==> flow/design.v <==
module alu_add_core_blk #(
   parameter integer W = 72
) (
   input  clk,
   input  [W-1:0] rs1,
   input  [W-1:0] rs2,
   input  cin,
   output reg [W-1:0] total,
   output reg cy
);
   reg [W-1:0] rs1_d1;
   reg [W-1:0] rs2_d1;
   reg cin_d1;
   wire [W:0] cur;
   assign cur = rs1_d1 + rs2_d1 + cin_d1;
   always @(posedge clk) begin
      rs1_d1 <= rs1;
      rs2_d1 <= rs2;
      cin_d1 <= cin;
      total <= cur[W-1:0];
      cy <= cur[W];
   end
endmodule
# Reports on alu_add_core_blk
# What the tools print for alu_add_core_blk, step after step.
# Line numbers count from 1 in the design file above.
# Cell names lack the library's common part.
# A cell with -- has no value.
[setup] top_module="alu_add_core_blk" clk_port="clk" lib="sky130hd" lib_corner="tt_025C_1v80"

# Elaborated design
# Yosys after proc, flatten, opt, wreduce and memory -nomap, before mapping. Enables and synchronous resets that opt folds into registers are not counted as muxes. Memory bits, and registers merged into a memory's read port (data or address), are not among the register bits. Print and check cells are not counted. Equal cells are merged and count once.
[classes] n_addsub=2
[ops] op="72-bit by 72-bit adder with 73-bit output" count=1
[ops] op="73-bit by 1-bit adder with 73-bit output" count=1
[bits] elab_cells=7 regBits=218 in_bits=146

# Longest topological paths
# Yosys ltp: most cells in a row. Word level: on the elaborated netlist, between registers, memories and ports. Mapped: between sequential cells and ports; inverters and the memories' decode and read muxes count.
[logic_depth] word_depth=2 abc_area=0 depth_mapped=11 ltp_nobuf=11

# After synthesis
# Yosys stat after the flow's synthesis: flattened, memories mapped to cells. It holds for the ABC_AREA given above (unset counts as 0); a run with the other value may have another netlist.
[by_type] cell_type="dfxtp_1" count=218
[by_type] cell_type="ha_1" count=71
[by_type] cell_type="a21oi_1" count=88
[by_type] cell_type="xnor2_1" count=36
[by_type] cell_type="nand2_1" count=72
[by_type] cell_type="xor2_1" count=30
[by_type] cell_type="o21ai_0" count=43
[by_type] cell_type="nor2_1" count=54
[by_type] cell_type="a21o_1" count=26
[by_type] cell_type="nand4_1" count=26
[by_type] cell_type="o21bai_1" count=17
[by_type] cell_type="a211oi_1" count=12
[by_type] cell_type="o21a_1" count=10
[by_type] cell_type="nor3_1" count=12
[by_type] cell_type="clkbuf_1" count=15
[by_type] cell_type="inv_1" count=15
[by_type] cell_type="buf_2" count=11
[by_type] cell_type="o31ai_1" count=7
# Other cell types: 47; their cells: 99.
[mapped] mapped_area_um2=8802.2 flip_flops=218 stdcells=862 buf_cells=32 sequential_area_um2=4364.2

# Timing after synthesis
# OpenSTA on the mapped netlist: ideal clock, no wires. The path of least setup slack (recovery checks aside). Input and output delay are each 20% of the period. Register names are those of the netlist, which keeps one name where synthesis merged equal registers.
[synth_path] kind="reg2reg" start="register rs1_d1[0]" end="register total[64]" driving_pins=12 setup_slack_ns=0.784 path_delay_ns=3.136 t_required_ns=3.789 tclk_ns=3.92 t_arrival_ns=3.005 synth_period_reached_ns=3.136
# "path_delay_ns" is the arrival time less input delay plus setup time.
# "driving_pins" counts driving pins, that of a launching flip-flop among them; a cell with two outputs on the path counts twice.
# "synth_period_reached_ns" = period - worst setup slack (recovery checks aside). The figure is calculated, with input and output delays left at 20% of the set period.
# Between the ends stands the longest chain of elaborated cells between them, by number of cells; it is not shown to be the way that was timed. Of several equally long chains one is given.
# Each line given opens the expression or statement behind the cell; cells for indexed reads and writes are added by Yosys, which also makes memories of some case tables.
[synth_via] path_cell_list="dfxtp_1 > fa_1 > fa_1 > a21oi_1 > o211ai_2 > a31oi_1 > a21oi_1 > a31oi_2 > o21ai_2 > a211oi_2 > o31ai_1 > xor2_1" elab_chain_len=2 cone_cells=2 cone_classes="2 x add/sub"
[synth_lines] element="start, declared" line_no=11 text="reg [W-1:0] rs1_d1;"
[synth_lines] element="start, assigned" line_no=17 text="rs1_d1 <= rs1;"
[synth_lines] element="72-bit by 72-bit adder with 73-bit output" line_no=15 text="assign cur = rs1_d1 + rs2_d1 + cin_d1;"
[synth_lines] element="73-bit by 1-bit adder with 73-bit output" line_no=15
[synth_lines] element="end, assigned" line_no=20 text="total <= cur[W-1:0];"
[synth_lines] element="end, declared" line_no=8 text="output reg [W-1:0] total,"

# Path in the finished layout
# Path of least setup slack in the final report of flow run A (OpenROAD, finished layout, wires in). Where an end is a register, its clock arrival counts in the times.
[layout_path] kind="reg2reg" start="register rs1_d1[0]" end="register total[64]" driving_pins=13 tclk_ns=3.92 t_required_ns=4.30 setup_slack_ns=0.37 t_arrival_ns=3.94
# Between the ends stands the longest chain of elaborated cells between them, by number of cells; it is not shown to be the way that was timed. Of several equally long chains one is given.
[layout_via] path_cell_list="dfxtp_1 > fa_1 > fa_1 > a21oi_1 > o211ai_2 > a31oi_1 > buf_4 > a21oi_1 > a31oi_2 > o21ai_2 > a211oi_2 > o31ai_1 > xor2_1" elab_chain_len=2 cone_cells=2 cone_classes="2 x add/sub"
[layout_lines] element="start, declared" line_no=11 text="reg [W-1:0] rs1_d1;"
[layout_lines] element="start, assigned" line_no=17 text="rs1_d1 <= rs1;"
[layout_lines] element="72-bit by 72-bit adder with 73-bit output" line_no=15 text="assign cur = rs1_d1 + rs2_d1 + cin_d1;"
[layout_lines] element="73-bit by 1-bit adder with 73-bit output" line_no=15
[layout_lines] element="end, assigned" line_no=20 text="total <= cur[W-1:0];"
[layout_lines] element="end, declared" line_no=8 text="output reg [W-1:0] total,"

# Flow runs of alu_add_core_blk

Stored flow runs of alu_add_core_blk (3 of them; Yosys, OpenROAD, sky130hd). They differ in their settings and are not a sequence. Constraints: input delay and output delay 20% of the set period each, output load 0.01 pF.
"achieved clock period": clock period set for the run, less the worst setup slack. It is reckoned from that one timing run; input and output delays stay at 20% of the period that was set.
"worst setup path time" means the part of the period allowed to the worst setup path (the constraints hold back 20% at inputs and 20% at outputs) less its slack; where the path has registers, the arrival times of their clocks count too.
By "power" is meant OpenSTA's value without simulated activity: inputs other than the clock are taken to toggle once in ten clock periods, and the tool carries that through the logic.
[flow run A] settings: period_ns=3.92, CAP_MARGIN=20, CORE_MARGIN=2, CORE_UTILIZATION=40, SLEW_MARGIN=20
[flow run A] result: chip area after synthesis (Yosys) 8802.2 um2, die area 23207.5 um2, standard-cell area of the final layout 12042.8 um2, utilization 55.5%, worst setup slack after layout 0.369 ns, total negative slack 0.000 ns, worst hold slack 0.494 ns, power 6.357 mW, achieved clock period 3.551 ns, worst setup path time 3.55 ns, worst setup path kind reg2reg
[flow run B] settings: period_ns=3.31, CORE_UTILIZATION=43, SETUP_SLACK_MARGIN=0.02, PLACE_DENSITY_LB_ADDON=0.01, CORE_ASPECT_RATIO=1.93, CELL_PAD_IN_SITES_DETAIL_PLACEMENT=2, ABC_AREA=0, CTS_CLUSTER_SIZE=16, CAP_MARGIN=20, SLEW_MARGIN=25, MAX_ROUTING_LAYER=met5, CORE_MARGIN=2
[flow run B] result: did not finish, clock tree synthesis stopped with DPL-0033
[flow run C] settings: period_ns=3.04, CORE_UTILIZATION=29, HOLD_SLACK_MARGIN=0.01, GPL_ROUTABILITY_DRIVEN=1, CTS_CLUSTER_SIZE=90, CAP_MARGIN=0, CORE_MARGIN=2, SLEW_MARGIN=20
[flow run C] result: chip area after synthesis (Yosys) 8802.2 um2, die area 31762.4 um2, standard-cell area of the final layout 12688.4 um2, utilization 42.6%, worst setup slack after layout 0.090 ns, total negative slack 0.000 ns, worst hold slack 0.525 ns, power 8.464 mW, achieved clock period 2.950 ns, worst setup path time 2.95 ns, worst setup path kind reg2reg
